==> flow/design.v <==
module cpu_mem_rtl #(
    parameter integer D = 24,
    parameter integer XLEN = 24,
    parameter integer ABITS = $clog2(D)
) (
    input  wire ck,
    input  wire rst_n,
    input  wire wen_i,
    input  wire [ABITS-1:0] wa_i,
    input  wire [XLEN-1:0] write_data_i,
    input  wire [ABITS-1:0] rd_idx0_i,
    input  wire [ABITS-1:0] rd_idx1_i,
    output wire [XLEN-1:0] rd0_o,
    output wire [XLEN-1:0] rd1_o
);
    reg wen_q;
    always @(posedge ck or negedge rst_n) begin
        if (~rst_n) begin
            wen_q <= 1'b0;
        end else begin
            wen_q <= wen_i;
        end
    end
    reg [ABITS-1:0] wa_q;
    always @(posedge ck or negedge rst_n) begin
        if (~rst_n) begin
            wa_q <= 0;
        end else begin
            wa_q <= wa_i;
        end
    end
    reg [XLEN-1:0] write_data_q;
    always @(posedge ck or negedge rst_n) begin
        if (~rst_n) begin
            write_data_q <= 0;
        end else begin
            write_data_q <= write_data_i;
        end
    end
    reg [XLEN-1:0] gpr [0:D-1];
    always @(posedge ck) begin
        if (wen_q)
            gpr[wa_q] <= write_data_q;
    end
    reg [ABITS-1:0] rd_idx0_q;
    always @(posedge ck or negedge rst_n) begin
        if (~rst_n) begin
            rd_idx0_q <= 0;
        end else begin
            rd_idx0_q <= rd_idx0_i;
        end
    end
    reg [ABITS-1:0] rd_idx1_q;
    always @(posedge ck or negedge rst_n) begin
        if (~rst_n) begin
            rd_idx1_q <= 0;
        end else begin
            rd_idx1_q <= rd_idx1_i;
        end
    end
    assign rd0_o = gpr[rd_idx0_q];
    assign rd1_o = gpr[rd_idx1_q];
endmodule
---- From RTL to reports: cpu_mem_rtl ----
The steps from the RTL of cpu_mem_rtl to its reports follow in flow order.
Lines are those of the file above, counted from 1.
Operators: Yosys type, input widths -> output width; for muxes data width and select width s.
Cell names lack the library's common part.
A cell with n/a has no value.
inputs
  design top .............................. cpu_mem_rtl
  clock input ............................. ck
  standard-cell library ................... sky130hd
  timing corner ........................... tt_025C_1v80

---- Word-level counts ----
Yosys after proc, flatten, opt, wreduce and memory -nomap, before mapping. Enables and synchronous resets that opt folds into registers are not counted as muxes. Memory bits, and registers merged into a memory's read port (data or address), are not among the register bits. Print and check cells are not counted. Equal cells are merged and count once.
Memory sizes are those after Yosys's memory passes, which may raise the word count (mostly to a power of two), join words into wider ones and drop unused or constant bits.
cells by class
  multiplexer cells ....................... 3
operators by type and width
  cell     number
  $mux 24  1
  $mux 5   1
  $mux 1   1
bit counts
  flip-flop bits (word level) ............. 40
  word-level cells ........................ 9
  RAM bits ................................ 576
  memories ................................ 1
  output and inout port bits .............. 48
memories
  memory  depth  bits a word  rd ports  wr ports  RTL line  RTL
  gpr     24     24           2         1         40        reg [XLEN-1:0] gpr [0:D-1];

---- Logic depth ----
Longest topological path by Yosys (ltp), each cell counted once; first at word level (registers and memories cut), then after technology mapping (sequential cells cut; the memories' decode and read muxes count).
depth
  depth after elaboration ................. 1
  ABC_AREA ................................ 0
  depth in mapped cells ................... 8

---- Mapped cells and area ----
Yosys stat after the flow's synthesis: flattened, memories mapped to cells. It holds for the ABC_AREA given above (unset counts as 0); a run with the other value may have another netlist.
cells by type
  cell type  number  area in all (µm²)
  edfxtp_1   576     1.73E+04
  mux4_2     192     4.32E+03
  mux2i_1    240     2.4E+03
  dfrtp_1    40      1000.96
  a2bb2oi_1  48      420.403
  o311ai_1   46      402.886
  o211ai_1   48      360.346
  a22oi_1    38      285.274
  nand3_1    49      245.235
  buf_6      20      225.216
  clkbuf_1   49      183.926
  nand2_1    49      183.926
  buf_4      18      135.13
  buf_2      26      130.125
  a22oi_2    10      125.12
  nor2_1     25      93.84
  buf_8      3       45.043
  nand3b_1   4       30.029
Other cell types: 9; their cells: 22.
mapped netlist
  buffer cells ............................ 124
  cell area after synthesis ............... 28039.4 µm²
  cells in the netlist .................... 1503
  flip-flop cells ......................... 616

---- Timing after synthesis ----
Path of least setup slack by OpenSTA after synthesis, without wires, with an ideal clock, recovery checks aside; 20% of the period is set as input and as output delay. Where synthesis merged equal registers, the netlist keeps one of their names.
timing path post-synthesis
  path type ............................... register to register
  start ................................... reg wa_q[1]
  end ..................................... mem gpr[12][0]
  data arrival time ....................... 2.033 ns
  library setup time ...................... 0.405 ns
  path buffers ............................ 1
  setup slack ............................. 0.612 ns
  data required time ...................... 2.645 ns
  delay of the path ....................... 2.438 ns
  clock period ............................ 3.05 ns
  driving pins on the path ................ 4
  synthesis period reached ................ 2.438 ns
"delay of the path" is the arrival time less input delay plus setup time.
"driving pins on the path" counts driving pins, that of a launching flip-flop among them; a cell with two outputs on the path counts twice.
"synthesis period reached" = period - worst setup slack (recovery checks aside). The figure is calculated, with input and output delays left at 20% of the set period.
Between the ends stands the longest chain of elaborated cells between them, by number of cells; it is not shown to be the way that was timed. Of several equally long chains one is given.
A line is the first line of the expression or statement that the cell stems from. Yosys adds cells for indexed reads and writes and turns some case tables into memories.
on the way, post-synthesis
  path through ............................ dfrtp_1 > or3b_2 > clkbuf_1 > nor2_1
  cells in the longest elaborated chain ... 1
RTL lines, path post-synthesis
  item                RTL line  RTL
  start: declaration  24        reg [ABITS-1:0] wa_q;
  start: assignment   27        wa_q <= 0;
  start: assignment   29        wa_q <= wa_i;
  $mux 5              42        if (wen_q)
  end: declaration    40        reg [XLEN-1:0] gpr [0:D-1];

---- Timing after layout ----
Path of least setup slack in the final report of run A (OpenROAD, finished layout, wires in). Where an end is a register, its clock arrival counts in the times.
timing path post-layout
  path type ............................... register to output
  start ................................... reg rd_idx0_q[0]
  end ..................................... out rd0_o[21]
  setup slack ............................. -0.22 ns
  data arrival time ....................... 2.66 ns
  output delay ............................ 0.61 ns
  clock period ............................ 3.05 ns
  driving pins on the path ................ 10
  path buffers ............................ 6
  data required time ...................... 2.44 ns
Between the ends stands the longest chain of elaborated cells between them, by number of cells; it is not shown to be the way that was timed. Of several equally long chains one is given.
The chain passes a memory read, where the word-level depth is cut; so it can be longer than that depth.
on the way, post-layout
  path through ............................ dfrtp_4 > buf_6 > buf_12 > buf_12 > buf_6 > mux4_2 > mux2i_1 > o311ai_2 > buf_4 > buf_6
  cells in the longest elaborated chain ... 1
RTL lines, path post-layout
  item                RTL line  RTL
  start: declaration  45        reg [ABITS-1:0] rd_idx0_q;
  start: assignment   48        rd_idx0_q <= 0;
  start: assignment   50        rd_idx0_q <= rd_idx0_i;
  $mem_v2 24x24       40        reg [XLEN-1:0] gpr [0:D-1];
  end: declaration    13        output wire [XLEN-1:0] rd0_o,

FLOW RESULTS
============

Measured data: module cpu_mem_rtl, platform sky130hd, 3 stored runs of the flow under differing settings, order arbitrary. Input and output delays are each 20% of the period that was set; the output load is 0.01 pF.
"achieved clock period (ns)" = clock period - worst setup slack. The figure is calculated, with input and output delays left at 20% of the set period.
By "worst setup path time (ns)" is meant the share of the clock period that the worst setup path is allowed (20% is reserved at inputs, 20% at outputs), minus its slack. Clock arrival times at its registers enter into it.
"finish__power__total": no workload was simulated; the value follows from the tool's default switching activity.

Flow files of run A
==> flow/run.sh <==
#!/bin/bash
# the make line also repeats the synthesis and layout settings of config.mk as NAME=value (left out here)
make -C /OpenROAD-flow-scripts/flow DESIGN_CONFIG=/design/flow/config.mk WORK_HOME=/design/flow/orfs CLKGATE_MAP_FILE= finish
==> flow/config.mk <==
export PLATFORM = sky130hd
export DESIGN_NAME = cpu_mem_rtl
export DESIGN_NICKNAME = cpu_mem_rtl
export VERILOG_FILES = /design/flow/design.v
export SDC_FILE = /design/flow/constraint.sdc
export NUM_CORES = 4
export LEC_CHECK = 0
export CAP_MARGIN = 20
export CORE_MARGIN = 2
export CORE_UTILIZATION = 40
export SLEW_MARGIN = 20
==> flow/constraint.sdc <==
create_clock -name core_clock -period 3.05 [get_ports {ck}]
set_input_delay 0.6100 -clock core_clock [delete_from_list [all_inputs] [get_ports {ck}]]
set_output_delay 0.6100 -clock core_clock [all_outputs]
set_load 0.01 [all_outputs]

report of run A
yosys chip area after synthesis (um^2): 28039.4
finish__design__die__area: 72231.9
finish__design__instance__area__stdcell: 35340.1
finish__design__instance__utilization: 0.5073
finish__timing__setup__ws: -0.220
finish__timing__setup__tns: -6.994
finish__timing__hold__ws: 0.177
finish__power__total: 1.965e-02
achieved clock period (ns): 3.270
worst setup path time (ns): 2.66
worst setup path kind: register to output

Flow files of run B
==> flow/run.sh <==
#!/bin/bash
# the make line also repeats the synthesis and layout settings of config.mk as NAME=value (left out here)
make -C /OpenROAD-flow-scripts/flow DESIGN_CONFIG=/design/flow/config.mk WORK_HOME=/design/flow/orfs CLKGATE_MAP_FILE= finish
==> flow/config.mk <==
export PLATFORM = sky130hd
export DESIGN_NAME = cpu_mem_rtl
export DESIGN_NICKNAME = cpu_mem_rtl
export VERILOG_FILES = /design/flow/design.v
export SDC_FILE = /design/flow/constraint.sdc
export NUM_CORES = 4
export LEC_CHECK = 0
export CAP_MARGIN = 20
export CORE_MARGIN = 2
export CORE_UTILIZATION = 60
export MIN_ROUTING_LAYER = met1
export SLEW_MARGIN = 20
==> flow/constraint.sdc <==
create_clock -name core_clock -period 1.71 [get_ports {ck}]
set_input_delay 0.3420 -clock core_clock [delete_from_list [all_inputs] [get_ports {ck}]]
set_output_delay 0.3420 -clock core_clock [all_outputs]
set_load 0.01 [all_outputs]

report of run B
yosys chip area after synthesis (um^2): 28039.4
finish__design__die__area: 48477.0
finish__design__instance__area__stdcell: 36040.8
finish__design__instance__utilization: 0.7774
finish__timing__setup__ws: -1.335
finish__timing__setup__tns: -58.798
finish__timing__hold__ws: 0.127
finish__power__total: 3.497e-02
achieved clock period (ns): 3.045
worst setup path time (ns): 2.70
worst setup path kind: register to output

Flow files of run C
==> flow/run.sh <==
#!/bin/bash
# the make line also repeats the synthesis and layout settings of config.mk as NAME=value (left out here)
make -C /OpenROAD-flow-scripts/flow DESIGN_CONFIG=/design/flow/config.mk WORK_HOME=/design/flow/orfs CLKGATE_MAP_FILE= finish
==> flow/config.mk <==
export PLATFORM = sky130hd
export DESIGN_NAME = cpu_mem_rtl
export DESIGN_NICKNAME = cpu_mem_rtl
export VERILOG_FILES = /design/flow/design.v
export SDC_FILE = /design/flow/constraint.sdc
export NUM_CORES = 4
export LEC_CHECK = 0
export ABC_AREA = 0
export CAP_MARGIN = 20
export CELL_PAD_IN_SITES_DETAIL_PLACEMENT = 0
export CORE_MARGIN = 7
export CORE_UTILIZATION = 30
export CTS_CLUSTER_DIAMETER = 30
export CTS_CLUSTER_SIZE = 87
export GPL_TIMING_DRIVEN = 0
export SLEW_MARGIN = 20
==> flow/constraint.sdc <==
create_clock -name core_clock -period 3.59 [get_ports {ck}]
set_input_delay 0.7180 -clock core_clock [delete_from_list [all_inputs] [get_ports {ck}]]
set_output_delay 0.7180 -clock core_clock [all_outputs]
set_load 0.01 [all_outputs]

report of run C
yosys chip area after synthesis (um^2): 28039.4
finish__design__die__area: 102221.0
finish__design__instance__area__stdcell: 37229.5
finish__design__instance__utilization: 0.4043
finish__timing__setup__ws: -0.042
finish__timing__setup__tns: -0.072
finish__timing__hold__ws: 0.442
finish__power__total: 2.247e-02
achieved clock period (ns): 3.632
worst setup path time (ns): 2.91
worst setup path kind: register to output
